==> flow/design.v <==
module dp_sel_unit_p #(
    parameter integer BITS = 16,
    parameter integer LANES = 3
) (
    input wire clk_i,
    input wire nrst,
    input wire [LANES*BITS-1:0] din,
    input wire [LANES-1:0] s,
    output wire [BITS-1:0] dout
);
    reg [LANES*BITS-1:0] din_q;
    reg [LANES-1:0] s_q;
    reg [BITS-1:0] val;
    integer idx;
    always @* begin
        val = 0;
        for (idx = 0; idx < LANES; idx = idx + 1)
            val = val | (din_q[idx*BITS +: BITS] & {BITS{s_q[idx]}});
    end
    assign dout = val;
    always @(posedge clk_i) begin
        if (~nrst) begin
            din_q <= 0;
            s_q <= 0;
        end else begin
            din_q <= din;
            s_q <= s;
        end
    end
endmodule
# From RTL to reports: dp_sel_unit_p
# The steps from the RTL of dp_sel_unit_p to its reports follow in flow order.
# Lines are those of the file above, counted from 1.
# Operators carry their Yosys type and port widths (W data, S select, Z words).
# Library cell names are shortened.
# Not given: --
[setup]
top = "dp_sel_unit_p"
clock = "clk_i"
library = "sky130hd"
lib_corner = "tt_025C_1v80"

# Word level
# Source: Yosys, flattened and elaborated, memories not mapped. Widths are those after wreduce; folded enables and synchronous resets count as part of the registers. Registers that Yosys merges into a memory's read port (data or address) are not register bits. Print and check cells do not count. Equal cells are merged and count once.
[op_classes]
addsub = 0
multipliers = 0
div_mod_pow = 0
cmp = 0
equal = 0
shifts = 0
muxes = 0
bitwise = 5
n_reduce_logical = 0
[op_table]
columns = ["op", "n"]
rows = [
  ["$and A16 B16 Y16", 3],
  ["$or A16 B16 Y16", 2],
]
[bits]
register_bits = 51
latch_bits = 0
ram_bits = 0
romBits = 0
clocked_rd_ports_x_width = 0
n_memories = 0
in_bits = 53
out_inout_bits = 16
wordCells = 7

# Depth
# Yosys ltp: most cells in a row. Word level: on the elaborated netlist, between registers, memories and ports. Mapped: between sequential cells and ports; inverters and the memories' decode and read muxes count.
[logic_depth]
word_depth = 3
abc_area = 0
ltp_mapped = 3
ltp_nobuf = 2

# Synthesis result
# Yosys stat after the flow's synthesis: flattened, memories mapped to cells. It holds for the ABC_AREA given above (unset counts as 0); a run with the other value may have another netlist.
[synth_totals]
mapped_cells = 142
mapped_area_mm2 = 0.0016065
seq_area_mm2 = 0.001021
ff_cells = 51
buffers = 8
[by_type]
columns = ["cell_type", "n", "area_total_um2"]
rows = [
  ["dfxtp_1", 51, 1.02E+03],
  ["and2_1", 51, 319.056],
  ["a222oi_1", 16, 160.154],
  ["inv_1", 16, 60.058],
  ["buf_6", 2, 22.522],
  ["clkbuf_1", 5, 18.768],
  ["buf_2", 1, 5.005],
]

# Worst setup path after synthesis
# Path of least setup slack by OpenSTA after synthesis, without wires, with an ideal clock, recovery checks aside; 20% of the period is set as input and as output delay. Where synthesis merged equal registers, the netlist keeps one of their names.
[synth_timing]
path_type = "register -> output"
from = "reg s_q[0]"
to = "out dout[14]"
tclk_ns = 1.37
out_delay_ns = 0.274
launch_ns = 0.000
arrival_ns = 0.879
required_ns = 1.096
slack_ns = 0.217
delay_ns = 0.879
stages = 4
n_path_buf = 1
period_less_setup_slack_ns = 1.153
# "delay_ns" is the arrival time less input delay plus setup time.
# A path that ends at an output port has no setup time.
# "stages": output pins that drive a net of the path, with the launching flip-flop's if there is one; two outputs of one cell count as two.
# "period_less_setup_slack_ns" = period - worst setup slack (recovery checks aside). The figure is calculated, with input and output delays left at 20% of the set period.
# Between the ends stands the longest chain of elaborated cells between them, by number of cells; it is not shown to be the way that was timed. Of several equally long chains one is given.
# A line is the first line of the expression or statement that the cell stems from. Yosys adds cells for indexed reads and writes and turns some case tables into memories.
[synth_between]
cell_sequence = "dfxtp_1 > buf_6 > a222oi_1 > inv_1"
elab_chain_cells = 3
cone_cells = 3
lines_between = 1
cone_classes = "logic: 3"
[synth_lines]
columns = ["element", "line_no", "text"]
rows = [
  ["start, declared", 12, "reg [LANES-1:0] s_q;"],
  ["start, assigned", 24, "s_q <= 0;"],
  ["start, assigned", 27, "s_q <= s;"],
  ["$and A16 B16 Y16", 18, "val = val | (din_q[idx*BITS +: BITS] & {BITS{s_q[idx]}});"],
  ["$or A16 B16 Y16 x2", 18, ""],
  ["end, declared", 9, "output wire [BITS-1:0] dout"],
]

# Timing after layout
# From the final timing report of run 1: the path of least setup slack in the routed layout; clock arrival at registers is part of the times.
[layout_timing]
path_type = "register -> output"
from = "reg s_q[1]"
to = "out dout[5]"
tclk_ns = 1.28
out_delay_ns = 0.26
launch_ns = 0.36
arrival_ns = 1.55
required_ns = 1.02
slack_ns = -0.53
stages = 5
n_path_buf = 2
# Between the ends stands the longest chain of elaborated cells between them, by number of cells; it is not shown to be the way that was timed. Of several equally long chains one is given.
[layout_between]
cell_sequence = "dfxtp_4 > buf_8 > a222oi_1 > inv_1 > buf_2"
elab_chain_cells = 3
cone_cells = 3
lines_between = 1
cone_classes = "logic: 3"
[layout_lines]
columns = ["element", "line_no", "text"]
rows = [
  ["start, declared", 12, "reg [LANES-1:0] s_q;"],
  ["start, assigned", 24, "s_q <= 0;"],
  ["start, assigned", 27, "s_q <= s;"],
  ["$and A16 B16 Y16", 18, "val = val | (din_q[idx*BITS +: BITS] & {BITS{s_q[idx]}});"],
  ["$or A16 B16 Y16 x2", 18, ""],
  ["end, declared", 9, "output wire [BITS-1:0] dout"],
]

# Below are 3 stored runs of the flow (Yosys, OpenROAD; platform sky130hd) on dp_sel_unit_p, each with its settings and what was measured, unordered. Constraints: input delay and output delay 20% of the set period each, output load 0.01 pF.
# "clock_period_reached_ns" is the run's clock period less its worst setup slack. It is reckoned from that one timing run; input and output delays stay at 20% of the period that was set.
# "worst_path_allowed_less_slack_ns": the worst setup path's part of the clock period (all of it between registers, 20% less for each end at a port) less its slack. A launch clock that arrives late makes it longer, a capture clock that arrives late makes it shorter.
# "fin_power_uw" is the tool's figure for a default switching activity; nothing was simulated.

[[run]]
name = "run 1"
[run.settings]
period_ns = 1.28
CORE_UTILIZATION = 54
SETUP_SLACK_MARGIN = 0.08
PLACE_DENSITY_LB_ADDON = 0.06
HOLD_SLACK_MARGIN = 0.09
GPL_TIMING_DRIVEN = 0
GPL_ROUTABILITY_DRIVEN = 1
CTS_CLUSTER_DIAMETER = 264
MAX_ROUTING_LAYER = "met5"
CAP_MARGIN = 20
CORE_MARGIN = 2
SLEW_MARGIN = 20
[run.results]
ws_hold_ns = 0.448
clock_period_reached_ns = 1.807
setup_worst_slack_ns = -0.527
fin_power_uw = 3201
die_footprint_mm2 = 0.0034275
yosys_chip_area_mm2 = 0.0016065
finalCellArea_mm2 = 0.0024774
utilization_pct = 89.1
fin_tns_ns = -7.160
worst_path_allowed_less_slack_ns = 1.55
path_kind = "register -> output"

[[run]]
name = "run 2"
[run.settings]
period_ns = 1.37
CAP_MARGIN = 20
CORE_MARGIN = 2
CORE_UTILIZATION = 40
SLEW_MARGIN = 20
[run.results]
ws_hold_ns = 0.550
clock_period_reached_ns = 1.586
setup_worst_slack_ns = -0.216
fin_power_uw = 2717
die_footprint_mm2 = 0.0045394
yosys_chip_area_mm2 = 0.0016065
finalCellArea_mm2 = 0.0023873
utilization_pct = 60.6
fin_tns_ns = -3.019
worst_path_allowed_less_slack_ns = 1.31
path_kind = "register -> output"

[[run]]
name = "run 3"
[run.settings]
period_ns = 1.34
CORE_UTILIZATION = 39
SETUP_SLACK_MARGIN = 0.33
CORE_MARGIN = 9
CELL_PAD_IN_SITES_DETAIL_PLACEMENT = 1
ABC_AREA = 1
GPL_TIMING_DRIVEN = 1
CTS_CLUSTER_DIAMETER = 147
CAP_MARGIN = 20
SLEW_MARGIN = 20
[run.results]
ws_hold_ns = 0.394
clock_period_reached_ns = 1.381
setup_worst_slack_ns = -0.041
fin_power_uw = 3358
die_footprint_mm2 = 0.0073702
yosys_chip_area_mm2 = 0.0017955
finalCellArea_mm2 = 0.0028678
utilization_pct = 65.0
fin_tns_ns = -0.420
worst_path_allowed_less_slack_ns = 1.11
path_kind = "register -> output"
